==> flow/design.v <==
module u_storage (i_clk, nrst, valid, i_load, i_wr_addr, i_wr_data, i_rd_idx_a, i_rd_idx_b, o_dout_a, o_dout_b);
    parameter NUM_REGS = 96;
    parameter BITS = 4;
    localparam AWIDTH = $clog2(NUM_REGS);
    input i_clk;
    input nrst;
    input valid;
    input i_load;
    input [AWIDTH-1:0] i_wr_addr;
    input [BITS-1:0] i_wr_data;
    input [AWIDTH-1:0] i_rd_idx_a;
    input [AWIDTH-1:0] i_rd_idx_b;
    output [BITS-1:0] o_dout_a;
    output [BITS-1:0] o_dout_b;
    reg [BITS-1:0] ram [0:NUM_REGS-1];
    always @(posedge i_clk) begin
        if (valid && i_load && i_wr_addr != 0)
            ram[i_wr_addr] <= i_wr_data;
    end
    reg [BITS-1:0] dout_a_ff;
    assign o_dout_a = dout_a_ff;
    reg [BITS-1:0] dout_b_ff;
    assign o_dout_b = dout_b_ff;
    always @(posedge i_clk or negedge nrst) begin
        if (~nrst) begin
            dout_a_ff <= 0;
            dout_b_ff <= 0;
        end else if (valid) begin
            dout_a_ff <= (i_rd_idx_a == 0) ? {BITS{1'b0}} : ram[i_rd_idx_a];
            dout_b_ff <= (i_rd_idx_b == 0) ? {BITS{1'b0}} : ram[i_rd_idx_b];
        end
    end
endmodule
# --- Reports on u_storage ---
# Tool output for the design above, in the order of the flow.
# Lines are those of the file above, counted from 1.
# Operators: Yosys type, input widths -> output width; for muxes data width and select width s.
# Cell names lack the library's common part.
design:
  design: "u_storage"
  clk_port: "i_clk"
  library: "sky130hd"
  pvt_corner: "tt_025C_1v80"

# --- After elaboration ---
# Counts by Yosys on the flattened word-level netlist (proc, flatten, opt, wreduce; memories kept). Register bits leave out memories and registers merged into their read ports (data or address); mux counts leave out enables and synchronous resets folded into registers. Print and check cells are left out. Cells with the same type and inputs are merged into one.
# Yosys's memory passes give these memory sizes; they may raise the number of words (mostly to a power of two), join words into wider ones and drop unused or constant bits.
classes:
  muxes: 5
  n_reduce_logical: 5
ops:
  columns: ["op", "count"]
  rows:
  - ["$logic_not 7->1", 2]
  - ["$mux 4", 3]
  - ["$reduce_bool 7->1", 1]
  - ["$mux 7", 1]
  - ["$logic_and 1x1->1", 2]
  - ["$mux 1", 1]
bits:
  ff_bits: 8
  ramBits: 384
  mem_count: 1
  input_bits: 29
  output_inout_bits: 8
  wordCells: 13
memory_table:
  columns: ["memory", "words", "word_bits", "read_ports", "write_ports", "line", "text"]
  rows:
  - ["ram", 96, 4, 2, 1, 15, "reg [BITS-1:0] ram [0:NUM_REGS-1];"]

# --- Longest topological paths ---
# Yosys ltp: most cells in a row. Word level: on the elaborated netlist, between registers, memories and ports. Mapped: between sequential cells and ports; inverters and the memories' decode and read muxes count.
depth:
  word_depth: 3
  ABC_AREA: 0
  mapped_depth: 11
  depth_no_buf: 6

# --- Synthesis result ---
# The flow's flattened synthesis, as Yosys stat reports it; memories are mapped. The netlist is that of the ABC_AREA named above (0 if unset); the other value can give another one.
mapped:
  cell_count: 1098
  yosys_area_um2: 18853.1
  seqArea_um2: 11731.3
  ffs: 392
  buffers: 74
by_type:
  columns: ["cell_type", "count", "type_area_um2"]
  rows:
  - ["edfxtp_1", 384, 1.15E+04]
  - ["mux4_2", 170, 3.83E+03]
  - ["mux2i_1", 57, 570.547]
  - ["nor2_1", 123, 461.693]
  - ["nand2_1", 69, 258.998]
  - ["mux4_1", 8, 210.202]
  - ["dfrtp_1", 8, 200.192]
  - ["buf_2", 28, 140.134]
  - ["nand3_1", 26, 130.125]
  - ["o22ai_1", 20, 125.12]
  - ["buf_4", 15, 112.608]
  - ["nor2b_1", 16, 100.096]
  - ["clkbuf_1", 22, 82.579]
  - ["a211oi_1", 10, 75.072]
  - ["a21oi_1", 15, 75.072]
  - ["nor3_1", 14, 70.067]
  - ["buf_6", 6, 67.565]
  - ["mux2_2", 6, 67.565]
# Not listed: further types 37, cells in them 101.

# --- Timing after synthesis ---
# OpenSTA on the mapped netlist: ideal clock, no wires. The path of least setup slack (recovery checks aside). Input and output delay are each 20% of the period. Register names are those of the netlist, which keeps one name where synthesis merged equal registers.
synth_timing:
  path_kind: "input to register"
  startpoint: "input port i_rd_idx_b[0]"
  endpoint: "register dout_b_ff[2]"
  period_ps: 2820
  input_delay_ps: 564
  setup_time_ps: 129
  t_first_pin_ps: 564
  t_arrival_ps: 2243
  required_time_ps: 2691
  setup_slack_ps: 449
  path_delay_ps: 1808
  driving_pins: 7
  n_path_buf: 2
  synth_period_reached_ps: 2371
# "path_delay_ps" = arrival - input delay + setup time.
# "driving_pins": output pins that drive a net of the path, with the launching flip-flop's if there is one; two outputs of one cell count as two.
# "synth_period_reached_ps" = period - worst setup slack (recovery checks aside). The figure is calculated, with input and output delays left at 20% of the set period.
# Between the ends stands the longest chain of elaborated cells between them, by number of cells; it is not shown to be the way that was timed. Of several equally long chains one is given.
# Each line given opens the expression or statement behind the cell; cells for indexed reads and writes are added by Yosys, which also makes memories of some case tables.
# A memory read counts as a cell of the chain, while the word-level depth stops at memories.
synth_between:
  path_cell_list: "buf_6 -> buf_12 -> mux4_1 -> mux4_2 -> mux2i_1 -> nor2_1 -> a2111o_1"
  elab_chain_len: 2
  cone_cells: 3
  cone_lines: 2
  classes_between: "mux (1); reduce/logical (1); memory (1)"
synth_lines:
  columns: ["element", "line", "text"]
  rows:
  - ["start: declaration", 12, "input [AWIDTH-1:0] i_rd_idx_b;"]
  - ["$mem_v2 96x4", 15, "reg [BITS-1:0] ram [0:NUM_REGS-1];"]
  - ["$mux 4", 30, "dout_b_ff <= (i_rd_idx_b == 0) ? {BITS{1'b0}} : ram[i_rd_idx_b];"]
  - ["end: assignment", 27, "dout_b_ff <= 0;"]
  - ["end: assignment", 30, null]
  - ["end: declaration", 22, "reg [BITS-1:0] dout_b_ff;"]

# --- Worst path after layout ---
# Path of least setup slack in the final report of run 1 (OpenROAD, finished layout, wires in). Where an end is a register, its clock arrival counts in the times.
# The report prints the path's times to 10 ps; the period is as set.
layout_timing:
  path_kind: "input to register"
  startpoint: "input port i_rd_idx_b[0]"
  endpoint: "register dout_b_ff[3]"
  period_ps: 3370
  input_delay_ps: 670
  setup_time_ps: 120
  t_first_pin_ps: 670
  t_arrival_ps: 2960
  required_time_ps: 3790
  setup_slack_ps: 830
  driving_pins: 8
  n_path_buf: 2
# Between the ends stands the longest chain of elaborated cells between them, by number of cells; it is not shown to be the way that was timed. Of several equally long chains one is given.
# A memory read counts as a cell of the chain, while the word-level depth stops at memories.
layout_between:
  path_cell_list: "buf_4 -> mux4_1 -> mux4_2 -> nor2_1 -> a2111oi_0 -> clkbuf_1 -> a21oi_1 -> o21ai_0"
  elab_chain_len: 2
  cone_cells: 3
  cone_lines: 2
  classes_between: "mux (1); reduce/logical (1); memory (1)"
layout_lines:
  columns: ["element", "line", "text"]
  rows:
  - ["start: declaration", 12, "input [AWIDTH-1:0] i_rd_idx_b;"]
  - ["$mem_v2 96x4", 15, "reg [BITS-1:0] ram [0:NUM_REGS-1];"]
  - ["$mux 4", 30, "dout_b_ff <= (i_rd_idx_b == 0) ? {BITS{1'b0}} : ram[i_rd_idx_b];"]
  - ["end: assignment", 27, "dout_b_ff <= 0;"]
  - ["end: assignment", 30, null]
  - ["end: declaration", 22, "reg [BITS-1:0] dout_b_ff;"]

# Settings and measured results of 3 stored flow runs for module u_storage (sky130hd), not sorted in any way. The constraints put input and output delay at 20% of the set period each and load the outputs with 0.01 pF.
runs:
  - name: "run 1"
    settings:
      period_ns: 3.37
      CORE_UTILIZATION: 60
      HOLD_SLACK_MARGIN: 0.07
      CORE_ASPECT_RATIO: 1.13
      CELL_PAD_IN_SITES_GLOBAL_PLACEMENT: 0
      CELL_PAD_IN_SITES_DETAIL_PLACEMENT: 0
      GPL_ROUTABILITY_DRIVEN: 1
      CTS_CLUSTER_DIAMETER: 61
      CAP_MARGIN: 30
      CORE_MARGIN: 2
      SLEW_MARGIN: 20
    results:
      post_synth_area_um2: 18853.1
      cell_area_final_um2: 21356.7
      worst_setup_slack_ps: 831
      final_setup_tns_ps: 0
      die_footprint_um2: 32858.4
  - name: "run 2"
    settings:
      period_ns: 2.82
      CAP_MARGIN: 20
      CORE_MARGIN: 2
      CORE_UTILIZATION: 40
      SLEW_MARGIN: 20
    results:
      post_synth_area_um2: 18853.1
      cell_area_final_um2: 21952.3
      worst_setup_slack_ps: 492
      final_setup_tns_ps: 0
      die_footprint_um2: 48885.2
  - name: "run 3"
    settings:
      period_ns: 1.4
      CORE_UTILIZATION: 17
      SETUP_SLACK_MARGIN: -0.05
      PLACE_DENSITY_LB_ADDON: 0.03
      CORE_ASPECT_RATIO: 1.53
      CELL_PAD_IN_SITES_GLOBAL_PLACEMENT: 3
      CELL_PAD_IN_SITES_DETAIL_PLACEMENT: 1
      GPL_TIMING_DRIVEN: 0
      CTS_CLUSTER_SIZE: 41
      CTS_CLUSTER_DIAMETER: 42
      CAP_MARGIN: 20
      CORE_MARGIN: 2
      SLEW_MARGIN: 20
    results:
      post_synth_area_um2: 18853.1
      cell_area_final_um2: 26379.0
      worst_setup_slack_ps: -869
      final_setup_tns_ps: -5831
      die_footprint_um2: 113642.0
